==> flow/design.v <==
module core_selector_top (i_clk, reset, src_0_in, src_1_in, src_2_in, src_3_in, src_4_in, src_5_in, src_6_in, idx_in, result_out);
  parameter integer NBITS = 10;
  input i_clk;
  input reset;
  input [NBITS-1:0] src_0_in;
  input [NBITS-1:0] src_1_in;
  input [NBITS-1:0] src_2_in;
  input [NBITS-1:0] src_3_in;
  input [NBITS-1:0] src_4_in;
  input [NBITS-1:0] src_5_in;
  input [NBITS-1:0] src_6_in;
  input [5:0] idx_in;
  output [NBITS-1:0] result_out;
  reg [NBITS-1:0] r_src_0;
  reg [NBITS-1:0] r_src_1;
  reg [NBITS-1:0] r_src_2;
  reg [NBITS-1:0] r_src_3;
  reg [NBITS-1:0] r_src_4;
  reg [NBITS-1:0] r_src_5;
  reg [NBITS-1:0] r_src_6;
  reg [5:0] r_idx;
  reg [NBITS-1:0] work;
  always @* begin
    casez (r_idx)
      6'b?????1: work = r_src_0;
      6'b????10: work = r_src_1;
      6'b???100: work = r_src_2;
      6'b??1000: work = r_src_3;
      6'b?10000: work = r_src_4;
      6'b100000: work = r_src_5;
      default: work = r_src_6;
    endcase
  end
  assign result_out = work;
  always @(posedge i_clk or posedge reset) begin
    if (reset) begin
      r_src_0 <= 0;
      r_src_1 <= 0;
      r_src_2 <= 0;
      r_src_3 <= 0;
      r_src_4 <= 0;
      r_src_5 <= 0;
      r_src_6 <= 0;
      r_idx <= 0;
    end else begin
      r_src_0 <= src_0_in;
      r_src_1 <= src_1_in;
      r_src_2 <= src_2_in;
      r_src_3 <= src_3_in;
      r_src_4 <= src_4_in;
      r_src_5 <= src_5_in;
      r_src_6 <= src_6_in;
      r_idx <= idx_in;
    end
  end
endmodule
# --- Tool chain data of core_selector_top ---
# The steps from the RTL of core_selector_top to its reports follow in flow order.
# Line numbers count from 1 in the design file above.
# Operators carry their Yosys type and port widths (W data, S select, Z words).
# Library cell names are shortened.
setup:
  design: "core_selector_top"
  clock_port: "i_clk"
  cell_library: "sky130hd"
  lib_corner: "tt_025C_1v80"

# --- Word-level counts ---
# Counts by Yosys on the flattened word-level netlist (proc, flatten, opt, wreduce; memories kept). Register bits leave out memories and registers merged into their read ports (data or address); mux counts leave out enables and synchronous resets folded into registers. Print and check cells are left out. Cells with the same type and inputs are merged into one.
bits:
  reg_bits: 76
  in_bits: 78
  output_inout_bits: 10
  elab_cells: 14
classes:
  equal: 5
  n_mux: 1
ops:
  columns: ["cell", "count"]
  rows:
  - ["$pmux W10 S6", 1]
  - ["$eq A6 B6 Y1 const B", 1]
  - ["$eq A5 B5 Y1 const B", 1]
  - ["$eq A4 B4 Y1 const B", 1]
  - ["$eq A3 B3 Y1 const B", 1]
  - ["$eq A2 B2 Y1 const B", 1]

# --- Longest topological paths ---
# Depth = most cells in a row (Yosys ltp): at word level without a register or memory, in the mapped netlist without a sequential cell, where the memories' decode and read muxes count.
depth:
  depth_word: 2
  ABC_AREA: 0
  mapped_depth: 5
  mapped_depth_nobuf: 4

# --- After synthesis ---
# The flow's flattened synthesis, as Yosys stat reports it; memories are mapped. The netlist is that of the ABC_AREA named above (0 if unset); the other value can give another one.
by_type:
  columns: ["type", "count"]
  rows:
  - ["dfrtp_1", 76]
  - ["a221o_1", 10]
  - ["a222oi_1", 9]
  - ["a31oi_1", 10]
  - ["o21ai_0", 9]
  - ["nor2_1", 11]
  - ["nor4b_4", 1]
  - ["nor4_4", 1]
  - ["buf_2", 4]
  - ["a22oi_1", 2]
  - ["buf_6", 1]
  - ["and3b_1", 1]
  - ["inv_1", 2]
  - ["nand2_1", 2]
  - ["and2_1", 1]
  - ["nand2b_1", 1]
  - ["nor2b_1", 1]
  - ["clkbuf_1", 1]
synth_totals:
  cells: 143
  synth_area_um2: 2378.5
  ff_cells: 76
  buf_cells: 6

# --- Timing after synthesis ---
# OpenSTA on the mapped netlist: ideal clock, no wires. The path of least setup slack (recovery checks aside). Input and output delay are each 20% of the period. Register names are those of the netlist, which keeps one name where synthesis merged equal registers.
synth_timing:
  path_type: "reg-to-output"
  start: "register r_idx[2]"
  end: "output result_out[0]"
  clock_period_ps: 2200
  out_delay_ps: 440
  t_first_pin_ps: 0
  t_arrival_ps: 1410
  required_ps: 1760
  path_slack_ps: 350
  path_delay_ps: 1410
  stages: 6
  path_buffers: 1
  period_less_setup_slack_ps: 1850
# "path_delay_ps" = arrival - input delay + setup time.
# A path that ends at an output port has no setup time.
# "stages" counts driving pins, that of a launching flip-flop among them; a cell with two outputs on the path counts twice.
# "period_less_setup_slack_ps" is the clock period less the worst setup slack; recovery checks do not enter. This is arithmetic on one report: input and output delays are still those of the set period (20% each).
# Between the ends stands the longest chain of elaborated cells between them, by number of cells; it is not shown to be the way that was timed. Of several equally long chains one is given.
# A line is the first line of the expression or statement that the cell stems from. Yosys adds cells for indexed reads and writes and turns some case tables into memories.
synth_via:
  path_cell_list: "dfrtp_1 -> nor4_4 -> and3b_1 -> buf_6 -> a222oi_1 -> a31oi_1"
  elab_chain_len: 2
  cells_between: 5
  cone_lines: 1
  cone_classes: "eq/ne: 4; mux: 1"
synth_rtl:
  columns: ["element", "line", "source"]
  rows:
  - ["from (decl)", 21, "reg [5:0] r_idx;"]
  - ["from (assign)", 44, "r_idx <= 0;"]
  - ["from (assign)", 53, "r_idx <= idx_in;"]
  - ["$eq A6 B6 Y1", 24, "casez (r_idx)"]
  - ["$pmux W10 S6", 24, null]
  - ["to (decl)", 13, "output [NBITS-1:0] result_out;"]

# --- Timing after layout ---
# From the final timing report of flow run 1: the path of least setup slack in the routed layout; clock arrival at registers is part of the times.
# The path's times are printed in steps of 10 ps; the period is the one set.
layout_timing:
  path_type: "reg-to-output"
  start: "register r_idx[2]"
  end: "output result_out[8]"
  clock_period_ps: 2300
  out_delay_ps: 460
  t_first_pin_ps: 330
  t_arrival_ps: 1890
  required_ps: 1840
  path_slack_ps: -50
  stages: 7
  path_buffers: 2
# Between the ends stands the longest chain of elaborated cells between them, by number of cells; it is not shown to be the way that was timed. Of several equally long chains one is given.
layout_via:
  path_cell_list: "dfrtp_1 -> buf_4 -> nor2b_4 -> a221o_1 -> a22oi_2 -> a31oi_2 -> buf_2"
  elab_chain_len: 2
  cells_between: 5
  cone_lines: 1
  cone_classes: "eq/ne: 4; mux: 1"
layout_rtl:
  columns: ["element", "line", "source"]
  rows:
  - ["from (decl)", 21, "reg [5:0] r_idx;"]
  - ["from (assign)", 44, "r_idx <= 0;"]
  - ["from (assign)", 53, "r_idx <= idx_in;"]
  - ["$eq A6 B6 Y1", 24, "casez (r_idx)"]
  - ["$pmux W10 S6", 24, null]
  - ["to (decl)", 13, "output [NBITS-1:0] result_out;"]

# Design core_selector_top on sky130hd. What follows are 3 stored runs of the flow, each under its own settings; their order means nothing. The constraints put input and output delay at 20% of the set period each and load the outputs with 0.01 pF.
# "clock_period_reached_ps" is the run's clock period less its worst setup slack. It is reckoned from that one timing run; input and output delays stay at 20% of the period that was set.
# "worstPathTime_ps" = time allowed to the worst setup path (clock period - input delay - output delay, where it has them) - its slack; a late launch clock adds to it, a late capture clock takes from it.
# "total_power_mw" rests on the timing tool's default activity at the inputs, not on a simulated workload.
# "worstPathTime_ps" is known to 10 ps.
runs:
  - name: "flow run 1"
    settings:
      period_ns: 2.3
      CORE_UTILIZATION: 26
      PLACE_DENSITY_LB_ADDON: 0.04
      CELL_PAD_IN_SITES_GLOBAL_PLACEMENT: 1
      GPL_ROUTABILITY_DRIVEN: 0
      CTS_CLUSTER_DIAMETER: 58
      MIN_ROUTING_LAYER: "met2"
      CAP_MARGIN: 20
      CORE_MARGIN: 2
      SLEW_MARGIN: 20
    results:
      fin_util_pct: 42.2
      total_power_mw: 2.707
      yosys_chip_area_um2: 2378.5
      cell_area_final_um2: 3719.8
      dieArea_um2: 9929.1
      setupTns_ps: -133
      clock_period_reached_ps: 2346
      worstPathTime_ps: 1890
      critical_path_kind: "reg-to-output"
      timing.setup.ws_ps: -46
  - name: "flow run 2"
    settings:
      period_ns: 1.54
      CORE_UTILIZATION: 19
      SETUP_SLACK_MARGIN: 0.33
      PLACE_DENSITY_LB_ADDON: 0.13
      HOLD_SLACK_MARGIN: -0.04
      CORE_ASPECT_RATIO: 1.2
      CELL_PAD_IN_SITES_DETAIL_PLACEMENT: 1
      CTS_CLUSTER_SIZE: 37
      CTS_CLUSTER_DIAMETER: 304
      MIN_ROUTING_LAYER: "met1"
      MAX_ROUTING_LAYER: "met4"
      CAP_MARGIN: 20
      CORE_MARGIN: 2
      SLEW_MARGIN: 20
    results:
      setupTns_ps: -7049
      fin_util_pct: 32.7
      timing.setup.ws_ps: -762
      worstPathTime_ps: 1990
      critical_path_kind: "reg-to-output"
      total_power_mw: 4.660
      cell_area_final_um2: 3978.8
      clock_period_reached_ps: 2302
      dieArea_um2: 13433.0
      yosys_chip_area_um2: 2378.5
  - name: "flow run 3"
    settings:
      period_ns: 2.2
      CAP_MARGIN: 20
      CORE_MARGIN: 2
      CORE_UTILIZATION: 40
      SLEW_MARGIN: 20
    results:
      fin_util_pct: 62.3
      setupTns_ps: -1213
      yosys_chip_area_um2: 2378.5
      cell_area_final_um2: 3622.2
      clock_period_reached_ps: 2356
      worstPathTime_ps: 1920
      critical_path_kind: "reg-to-output"
      dieArea_um2: 6578.8
      timing.setup.ws_ps: -156
      total_power_mw: 2.714
